==> flow/design.v <==
module u_add_core #(
   parameter integer DW = 12
) (
   input  logic ck,
   input  logic RSTN,
   input  logic [DW-1:0] arg0,
   input  logic [DW-1:0] arg1,
   input  logic [DW-1:0] arg2,
   output logic [DW+1:0] s
);
   logic [DW-1:0] arg0_r;
   logic [DW-1:0] arg1_r;
   logic [DW-1:0] arg2_r;
   logic [DW:0] tmp_r;
   logic [DW-1:0] arg2_r_d;
   always_ff @(posedge ck) begin
      if (~RSTN) begin
         arg0_r <= '0;
         arg1_r <= '0;
         arg2_r <= '0;
         tmp_r <= '0;
         arg2_r_d <= '0;
         s <= '0;
      end else begin
         arg0_r <= arg0;
         arg1_r <= arg1;
         arg2_r <= arg2;
         tmp_r <= arg0_r + arg1_r;
         arg2_r_d <= arg2_r;
         s <= tmp_r + arg2_r_d;
      end
   end
endmodule
Tool chain data of u_add_core

What the tools print for u_add_core, step after step.
Lines are those of the file above, counted from 1.
The mark -- stands for no value.

Top: u_add_core
Clock port: ck
Cell library: sky130hd
Corner: tt_025C_1v80

Elaborated design

Counts by Yosys on the flattened word-level netlist (proc, flatten, opt, wreduce; memories kept). Register bits leave out memories and registers merged into their read ports (data or address); mux counts leave out enables and synchronous resets folded into registers. Print and check cells are left out. Cells with the same type and inputs are merged into one.

Flip-flop bits (word level): 75
Bits of input ports: 38
Output and inout port bits: 14
Word-level cells: 8

$add $sub $neg: 2

Operators by type and width:

| kind                    | count |
| adder 13 x 12 -> 14 bit | 1 |
| adder 12 x 12 -> 13 bit | 1 |

Longest topological paths

Depth = most cells in a row (Yosys ltp): at word level without a register or memory, in the mapped netlist without a sequential cell, where the memories' decode and read muxes count.

Depth after elaboration: 1
ABC_AREA: 0
Depth in mapped cells: 8
Gate-level depth less buffers: 8

Netlist

The flow's flattened synthesis, as Yosys stat reports it; memories are mapped. The netlist is that of the ABC_AREA named above (0 if unset); the other value can give another one.
Totals and module areas in this step are rounded.

Cell types:

| cell type                  | count | total area (µm²) |
| sky130_fd_sc_hd__dfxtp_1   | 75    | 1,501.44 |
| sky130_fd_sc_hd__and2_1    | 52    | 325.312 |
| sky130_fd_sc_hd__ha_1      | 24    | 300.288 |
| sky130_fd_sc_hd__a21oi_1   | 15    | 75.072 |
| sky130_fd_sc_hd__nor2_1    | 17    | 63.811 |
| sky130_fd_sc_hd__a211oi_1  | 7     | 52.55 |
| sky130_fd_sc_hd__a21o_1    | 7     | 52.55 |
| sky130_fd_sc_hd__xnor2_1   | 5     | 43.792 |
| sky130_fd_sc_hd__xor2_1    | 5     | 43.792 |
| sky130_fd_sc_hd__nand2_1   | 11    | 41.29 |
| sky130_fd_sc_hd__fa_1      | 2     | 40.038 |
| sky130_fd_sc_hd__mux2i_1   | 4     | 40.038 |
| sky130_fd_sc_hd__clkbuf_1  | 10    | 37.536 |
| sky130_fd_sc_hd__nor3_1    | 7     | 35.034 |
| sky130_fd_sc_hd__o21ai_0   | 7     | 35.034 |
| sky130_fd_sc_hd__nand2b_1  | 5     | 31.28 |
| sky130_fd_sc_hd__inv_1     | 8     | 30.029 |
| sky130_fd_sc_hd__a2111oi_4 | 1     | 27.526 |

Other cell types: 29; their cells: 45.

Standard cells after synthesis: 307
Cell area after synthesis: 3,100 µm²
Sequential area: 1,500 µm²
Flip-flops: 75
Buffers: 11

Path before layout

Path of least setup slack by OpenSTA after synthesis, without wires, with an ideal clock, recovery checks aside; 20% of the period is set as input and as output delay. Where synthesis merged equal registers, the netlist keeps one of their names.

Path kind: register to register
From: reg arg0_r[0]
To: reg tmp_r[10]
Clock period: 2,660 ps
Setup time: 70 ps
Time at the first pin: 0 ps
Data arrival time: 2,059 ps
Required time: 2,590 ps
Slack: 531 ps
Delay of the path: 2,129 ps
Stages: 8
Buffers on the path: 0
Period reached after synthesis: 2,129 ps

"delay of the path" = arrival - input delay + setup time.
"stages" counts driving pins, that of a launching flip-flop among them; a cell with two outputs on the path counts twice.
"period reached after synthesis" = period - worst setup slack (recovery checks aside). The figure is calculated, with input and output delays left at 20% of the set period.
The rows between start and end are the longest chain of elaborated cells between them; the timing report does not say that the signal goes this way. Where chains are equally long, one stands for them.
Each line given opens the expression or statement behind the cell; cells for indexed reads and writes are added by Yosys, which also makes memories of some case tables.

Path through: sky130_fd_sc_hd__dfxtp_1 > sky130_fd_sc_hd__ha_1 > sky130_fd_sc_hd__fa_1 > sky130_fd_sc_hd__a211oi_1 > sky130_fd_sc_hd__nor3_1 > sky130_fd_sc_hd__o31a_1 > sky130_fd_sc_hd__or3_1 > sky130_fd_sc_hd__a21oi_1
Length of the longest elaborated chain: 1
Elaborated cells on any way between the ends: 1
RTL lines with such cells: 1
Classes of those cells: 1 x add/sub

RTL lines, path after synthesis:

| item                    | line | RTL |
| from (decl)             | 11   | `logic [DW-1:0] arg0_r;` |
| from (assign)           | 18   | `arg0_r <= '0;` |
| from (assign)           | 25   | `arg0_r <= arg0;` |
| adder 12 x 12 -> 13 bit | 28   | `tmp_r <= arg0_r + arg1_r;` |
| to (assign)             | 21   | `tmp_r <= '0;` |
| to (assign)             | 28   |  |
| to (decl)               | 14   | `logic [DW:0] tmp_r;` |

Worst path after layout

From the final timing report of entry A: the path of least setup slack in the routed layout; clock arrival at registers is part of the times.
The path's times are printed in steps of 10 ps; the period is the one set.

Path kind: register to register
From: reg arg0_r[0]
To: reg tmp_r[12]
Clock period: 2,660 ps
Setup time: 100 ps
Time at the first pin: 340 ps
Data arrival time: 2,590 ps
Required time: 2,910 ps
Slack: 320 ps
Stages: 8
Buffers on the path: 0

The rows between start and end are the longest chain of elaborated cells between them; the timing report does not say that the signal goes this way. Where chains are equally long, one stands for them.

Path through: sky130_fd_sc_hd__dfxtp_1 > sky130_fd_sc_hd__ha_1 > sky130_fd_sc_hd__fa_1 > sky130_fd_sc_hd__a211oi_1 > sky130_fd_sc_hd__nor2_1 > sky130_fd_sc_hd__o41ai_2 > sky130_fd_sc_hd__o221ai_1 > sky130_fd_sc_hd__o211a_1
Length of the longest elaborated chain: 1
Elaborated cells on any way between the ends: 1
RTL lines with such cells: 1
Classes of those cells: 1 x add/sub

RTL lines, path post-layout:

| item                    | line | RTL |
| from (decl)             | 11   | `logic [DW-1:0] arg0_r;` |
| from (assign)           | 18   | `arg0_r <= '0;` |
| from (assign)           | 25   | `arg0_r <= arg0;` |
| adder 12 x 12 -> 13 bit | 28   | `tmp_r <= arg0_r + arg1_r;` |
| to (assign)             | 21   | `tmp_r <= '0;` |
| to (assign)             | 28   |  |
| to (decl)               | 14   | `logic [DW:0] tmp_r;` |

Top module u_add_core; platform sky130hd; tools Yosys and OpenROAD; 3 stored runs in no particular order. Input and output delays are each 20% of the period that was set; the output load is 0.01 pF.
"period reached" means the clock period less the worst setup slack. The figure is calculated, with input and output delays left at 20% of the set period.
"time used up by the worst setup path" means the part of the period allowed to the worst setup path (the constraints hold back 20% at inputs and 20% at outputs) less its slack; where the path has registers, the arrival times of their clocks count too.
"total power after layout": no workload was simulated; the value follows from the tool's default switching activity.
"time used up by the worst setup path" is known to 10 ps.
Results are given in rounded form.
Settings: -- = not set for that run.
A result given as -- is not shown for that run.

| setting or result                         | entry A              | entry B              | entry C |
| period_ns                                 | 2.66                 | 2.62                 | 3.82    |
| CAP_MARGIN                                | 20                   | 20                   | 20      |
| CORE_MARGIN                               | 2                    | 2                    | 2       |
| CORE_UTILIZATION                          | 40                   | 40                   | 72      |
| SLEW_MARGIN                               | 20                   | 30                   | 20      |
| SETUP_SLACK_MARGIN                        | --                   | -0.06                | --      |
| PLACE_DENSITY_LB_ADDON                    | --                   | 0.23                 | 0.3     |
| CELL_PAD_IN_SITES_DETAIL_PLACEMENT        | --                   | 0                    | 2       |
| CTS_CLUSTER_SIZE                          | --                   | 28                   | --      |
| CTS_CLUSTER_DIAMETER                      | --                   | 118                  | --      |
| MIN_ROUTING_LAYER                         | --                   | met2                 | --      |
| CELL_PAD_IN_SITES_GLOBAL_PLACEMENT        | --                   | --                   | 2       |
| ABC_AREA                                  | --                   | --                   | 0       |
| GPL_TIMING_DRIVEN                         | --                   | --                   | 0       |
| MAX_ROUTING_LAYER                         | --                   | --                   | met4    |
| die area (µm²)                            | 8,500                | 8,500                | --      |
| total power after layout (W)              | 0.0024               | 0.0024               | --      |
| standard-cell area after routing (µm²)    | 3,900                | 3,900                | --      |
| time used up by the worst setup path (ps) | 2,340                | 2,320                | --      |
| worst setup path kind                     | register to register | register to register | --      |
| worst setup slack after layout (ps)       | 320                  | 300                  | --      |
| period reached (ps)                       | 2,338                | 2,324                | --      |
| area of the synthesized netlist (µm²)     | 3,100                | 3,100                | --      |
| setup total negative slack (ps)           | 0                    | 0                    | --      |

Entry C: did not finish, placement stopped with FLW-0024
